==> flow/design.v <==
module gen_mul #(
    parameter NBITS = 8
) (
    input  logic CLK,
    input  logic nrst,
    input  logic signed [NBITS-1:0] lhs_i,
    input  logic signed [NBITS-1:0] rhs_i,
    output logic signed [2*NBITS-1:0] out_o
);
    logic signed [NBITS-1:0] r_lhs;
    always_ff @(posedge CLK) begin
        if (~nrst) begin
            r_lhs <= 0;
        end else begin
            r_lhs <= lhs_i;
        end
    end
    logic signed [NBITS-1:0] r_rhs;
    always_ff @(posedge CLK) begin
        if (~nrst) begin
            r_rhs <= 0;
        end else begin
            r_rhs <= rhs_i;
        end
    end
    assign out_o = r_lhs * r_rhs;
endmodule
From RTL to reports: gen_mul
A sweep over "NBITS": the same steps for each member of the family.
The file above is the member NBITS 8. Line numbers count from 1 in each member's own file.
Cell names lack the library's common part.
{ "inputs": {"design": "gen_mul", "clk_port": "CLK", "library": "sky130hd", "corner": "tt_025C_1v80"} }

Source of the members
New or changed lines of each further member against the RTL above, in its own file; lines it lacks are not shown.
{ "changed_lines": {"columns": ["NBITS", "line_no", "rtl"], "rows": [
  [14, 2, "parameter NBITS = 14"],
  [16, 2, "parameter NBITS = 16"],
  [22, 2, "parameter NBITS = 22"],
  [24, 2, "parameter NBITS = 24"]
]} }

After elaboration
Yosys after proc, flatten, opt, wreduce and memory -nomap, before mapping. Enables and synchronous resets that opt folds into registers are not counted as muxes. Memory bits, and registers merged into a memory's read port (data or address), are not among the register bits. Print and check cells are not counted. Equal cells are merged and count once.
{ "bits": {"columns": ["NBITS", "out_inout_bits", "inputBits", "elab_cells", "reg_bits"], "rows": [
  [8, 16, 18, 3, 16],
  [14, 28, 30, 3, 28],
  [16, 32, 34, 3, 32],
  [22, 44, 46, 3, 44],
  [24, 48, 50, 3, 48]
]} }
{ "op_classes": {"columns": ["NBITS", "multipliers"], "rows": [
  [8, 1],
  [14, 1],
  [16, 1],
  [22, 1],
  [24, 1]
]} }
{ "ops": {"columns": ["NBITS", "operators"], "rows": [
  [8, "1 x 8-bit by 8-bit multiplier with 16-bit output"],
  [14, "1 x 14-bit by 14-bit multiplier with 28-bit output"],
  [16, "1 x 16-bit by 16-bit multiplier with 32-bit output"],
  [22, "1 x 22-bit by 22-bit multiplier with 44-bit output"],
  [24, "1 x 24-bit by 24-bit multiplier with 48-bit output"]
]} }

Logic depth
Depth = most cells in a row (Yosys ltp): at word level without a register or memory, in the mapped netlist without a sequential cell, where the memories' decode and read muxes count.
{ "logic_depth": {"columns": ["NBITS", "depth_word", "abc_area", "mapped_depth", "depth_no_buf"], "rows": [
  [8, 1, 0, 17, 17],
  [14, 1, 0, 21, 20],
  [16, 1, 0, 23, 21],
  [22, 1, 0, 26, 24],
  [24, 1, 0, 26, 24]
]} }

After synthesis
The flow's flattened synthesis, as Yosys stat reports it; memories are mapped. The netlist is that of the ABC_AREA named above (0 if unset); the other value can give another one.
Totals and module areas in this step are rounded.
{ "mapped": {"columns": ["NBITS", "yosys_area_um2", "flip_flops", "stdcells", "seq_area_um2", "buf_cells"], "rows": [
  [8, 3000, 16, 325, 320, 1],
  [14, 8400, 28, 914, 560, 34],
  [16, 11000, 32, 1160, 640, 39],
  [22, 19000, 44, 2100, 880, 93],
  [24, 23000, 48, 2408, 960, 109]
]} }
{ "by_type": {"columns": ["NBITS", "type_list"], "rows": [
  [8, "55 x fa_1; 59 x and2_1; 29 x ha_1; 88 x inv_1; 16 x dfxtp_1; 11 x xnor2_1; 15 x nand2_1; 8 x nor2b_1; 7 x a21oi_1; 9 x nor2_1; 3 x xor2_1; 2 x a21oi_2; 1 x o41ai_2; 2 x a21o_1; 1 x nor4b_2; 2 x o21a_1; 3 x o21ai_0; 2 x nand4_1; (+12)"],
  [14, "195 x fa_1; 67 x ha_1; 132 x and2_1; 214 x inv_1; 28 x dfxtp_1; 94 x nand2_1; 23 x xnor2_1; 24 x a21oi_1; 31 x clkbuf_1; 8 x xor2_1; 18 x nor2_1; 10 x o21ai_0; 5 x a21o_1; 5 x o21bai_1; 4 x a211oi_1; 3 x a211o_1; 4 x nand2b_1; 3 x o21a_1; (+46)"],
  [16, "262 x fa_1; 292 x inv_1; 82 x ha_1; 155 x and2_1; 32 x dfxtp_1; 130 x nand2_1; 25 x xnor2_1; 37 x clkbuf_1; 17 x a21o_1; 12 x xor2_1; 18 x a21oi_1; 23 x nor2_1; 9 x o21ai_0; 8 x nor3_1; 3 x a211oi_2; 6 x nand4_1; 7 x nand3_1; 5 x a31oi_1; (+37)"],
  [22, "501 x fa_1; 558 x inv_1; 135 x ha_1; 238 x and2_1; 285 x nand2_1; 44 x dfxtp_1; 91 x clkbuf_1; 36 x xnor2_1; 35 x a21oi_1; 36 x nor2_1; 17 x a21o_1; 13 x xor2_1; 17 x o21ai_0; 4 x a211oi_2; 8 x nand2b_1; 6 x o21bai_1; 8 x o21ai_1; 7 x nand3_1; (+61)"],
  [24, "607 x fa_1; 599 x inv_1; 321 x and2_1; 134 x ha_1; 300 x nand2_1; 48 x dfxtp_1; 108 x clkbuf_1; 42 x xnor2_1; 44 x a21oi_1; 43 x nor2_1; 17 x a21o_1; 14 x nand2b_1; 9 x xor2_1; 15 x o21ai_0; 9 x nand4_1; 7 x o211ai_1; 7 x o21bai_1; 6 x a211oi_1; (+78)"]
]} }
The mark (+n) counts cells that are not listed.

Path before layout
Path of least setup slack by OpenSTA after synthesis, without wires, with an ideal clock, recovery checks aside; 20% of the period is set as input and as output delay. Where synthesis merged equal registers, the netlist keeps one of their names.
{ "synth_path": {"columns": ["NBITS", "path_type", "from", "to", "path_delay_ns", "tclk_ns", "path_slack_ns", "stages", "period_less_setup_slack_ns"], "rows": [
  [8, "register to output", "register r_rhs[7]", "output port out_o[11]", 4.051, 6.33, 1.013, 15, 5.317],
  [14, "register to output", "register r_lhs[13]", "output port out_o[26]", 5.638, 8.81, 1.410, 19, 7.4],
  [16, "register to output", "register r_lhs[15]", "output port out_o[29]", 5.966, 9.32, 1.490, 21, 7.83],
  [22, "register to output", "register r_lhs[21]", "output port out_o[43]", 6.534, 10.2, 1.626, 25, 8.574],
  [24, "register to output", "register r_lhs[23]", "output port out_o[44]", 6.817, 10.7, 1.743, 22, 8.957]
]} }
"path_delay_ns" = arrival - input delay + setup time.
At an output port there is no setup time.
"stages" counts driving pins, that of a launching flip-flop among them; a cell with two outputs on the path counts twice.
"period_less_setup_slack_ns" = period - worst setup slack (recovery checks aside). The figure is calculated, with input and output delays left at 20% of the set period.
The rows between start and end are the longest chain of elaborated cells between them; the timing report does not say that the signal goes this way. Where chains are equally long, one stands for them.
Each line given opens the expression or statement behind the cell; cells for indexed reads and writes are added by Yosys, which also makes memories of some case tables.
{ "synth_via_NBITS_8": {"elab_chain_cells": 1} }
{ "synth_rtl_NBITS_8": {"columns": ["element", "line_no", "rtl"], "rows": [
  ["start: declaration", 18, "logic signed [NBITS-1:0] r_rhs;"],
  ["start: assignment", 21, "r_rhs <= 0;"],
  ["start: assignment", 23, "r_rhs <= rhs_i;"],
  ["8-bit by 8-bit multiplier with 16-bit output", 26, "assign out_o = r_lhs * r_rhs;"],
  ["end: declaration", 8, "output logic signed [2*NBITS-1:0] out_o"]
]} }
{ "synth_via_NBITS_24": {"elab_chain_cells": 1} }
{ "synth_rtl_NBITS_24": {"columns": ["element", "line_no", "rtl"], "rows": [
  ["start: declaration", 10, "logic signed [NBITS-1:0] r_lhs;"],
  ["start: assignment", 13, "r_lhs <= 0;"],
  ["start: assignment", 15, "r_lhs <= lhs_i;"],
  ["24-bit by 24-bit multiplier with 48-bit output", 26, "assign out_o = r_lhs * r_rhs;"],
  ["end: declaration", 8, "output logic signed [2*NBITS-1:0] out_o"]
]} }

Worst path after layout
Path of least setup slack in the final report of the run of each member (OpenROAD, finished layout, wires in). Where an end is a register, its clock arrival counts in the times.
{ "layout_path": {"columns": ["NBITS", "path_type", "from", "to", "tclk_ns", "stages", "arrival_ns", "n_path_buf", "path_slack_ns"], "rows": [
  [8, "register to output", "register r_rhs[4]", "output port out_o[11]", 6.33, 17, 4.81, 1, 0.25],
  [14, "register to output", "register r_rhs[2]", "output port out_o[26]", 8.81, 19, 6.64, 1, 0.41],
  [16, "register to output", "register r_rhs[9]", "output port out_o[22]", 9.32, 24, 7.14, 2, 0.32],
  [22, "register to output", "register r_lhs[8]", "output port out_o[39]", 10.2, 24, 7.75, 2, 0.41],
  [24, "register to output", "register r_rhs[15]", "output port out_o[45]", 10.7, 24, 8.22, 3, 0.34]
]} }

Flow runs
One run of the flow (Yosys, OpenROAD) for each member, with settings and measured results. Input and output delays are each 20% of the period that was set; the output load is 0.01 pF.
{ "flow_settings": {"CAP_MARGIN": 20, "CORE_MARGIN": 2, "CORE_UTILIZATION": 40, "SLEW_MARGIN": 20} }
{ "settings_by_member": {"columns": ["NBITS", "period_ns"], "rows": [
  [8, 6.33],
  [14, 8.81],
  [16, 9.32],
  [22, 10.2],
  [24, 10.7]
]} }
{ "measured": {"columns": ["NBITS", "total_die_area_um2", "synthArea_um2", "worst_setup_slack_ns", "achieved_clock_period_ns", "finalUtil_frac", "fin_tns_ns", "hold_worst_slack_ns"], "rows": [
  [8, 8100, 3000, 0.25, 6.081, 0.49, 0.000, 1.6],
  [14, 22000, 8400, 0.41, 8.401, 0.45, 0.000, 2.1],
  [16, 28000, 11000, 0.32, 9.002, 0.46, 0.000, 2.2],
  [22, 50000, 19000, 0.41, 9.787, 0.45, 0.000, 2.3],
  [24, 58000, 23000, 0.34, 10.361, 0.45, 0.000, 2.4]
]} }
"achieved_clock_period_ns": clock period set for the run, less the worst setup slack. It is reckoned from that one timing run; input and output delays stay at 20% of the period that was set.
Measured values are rounded.
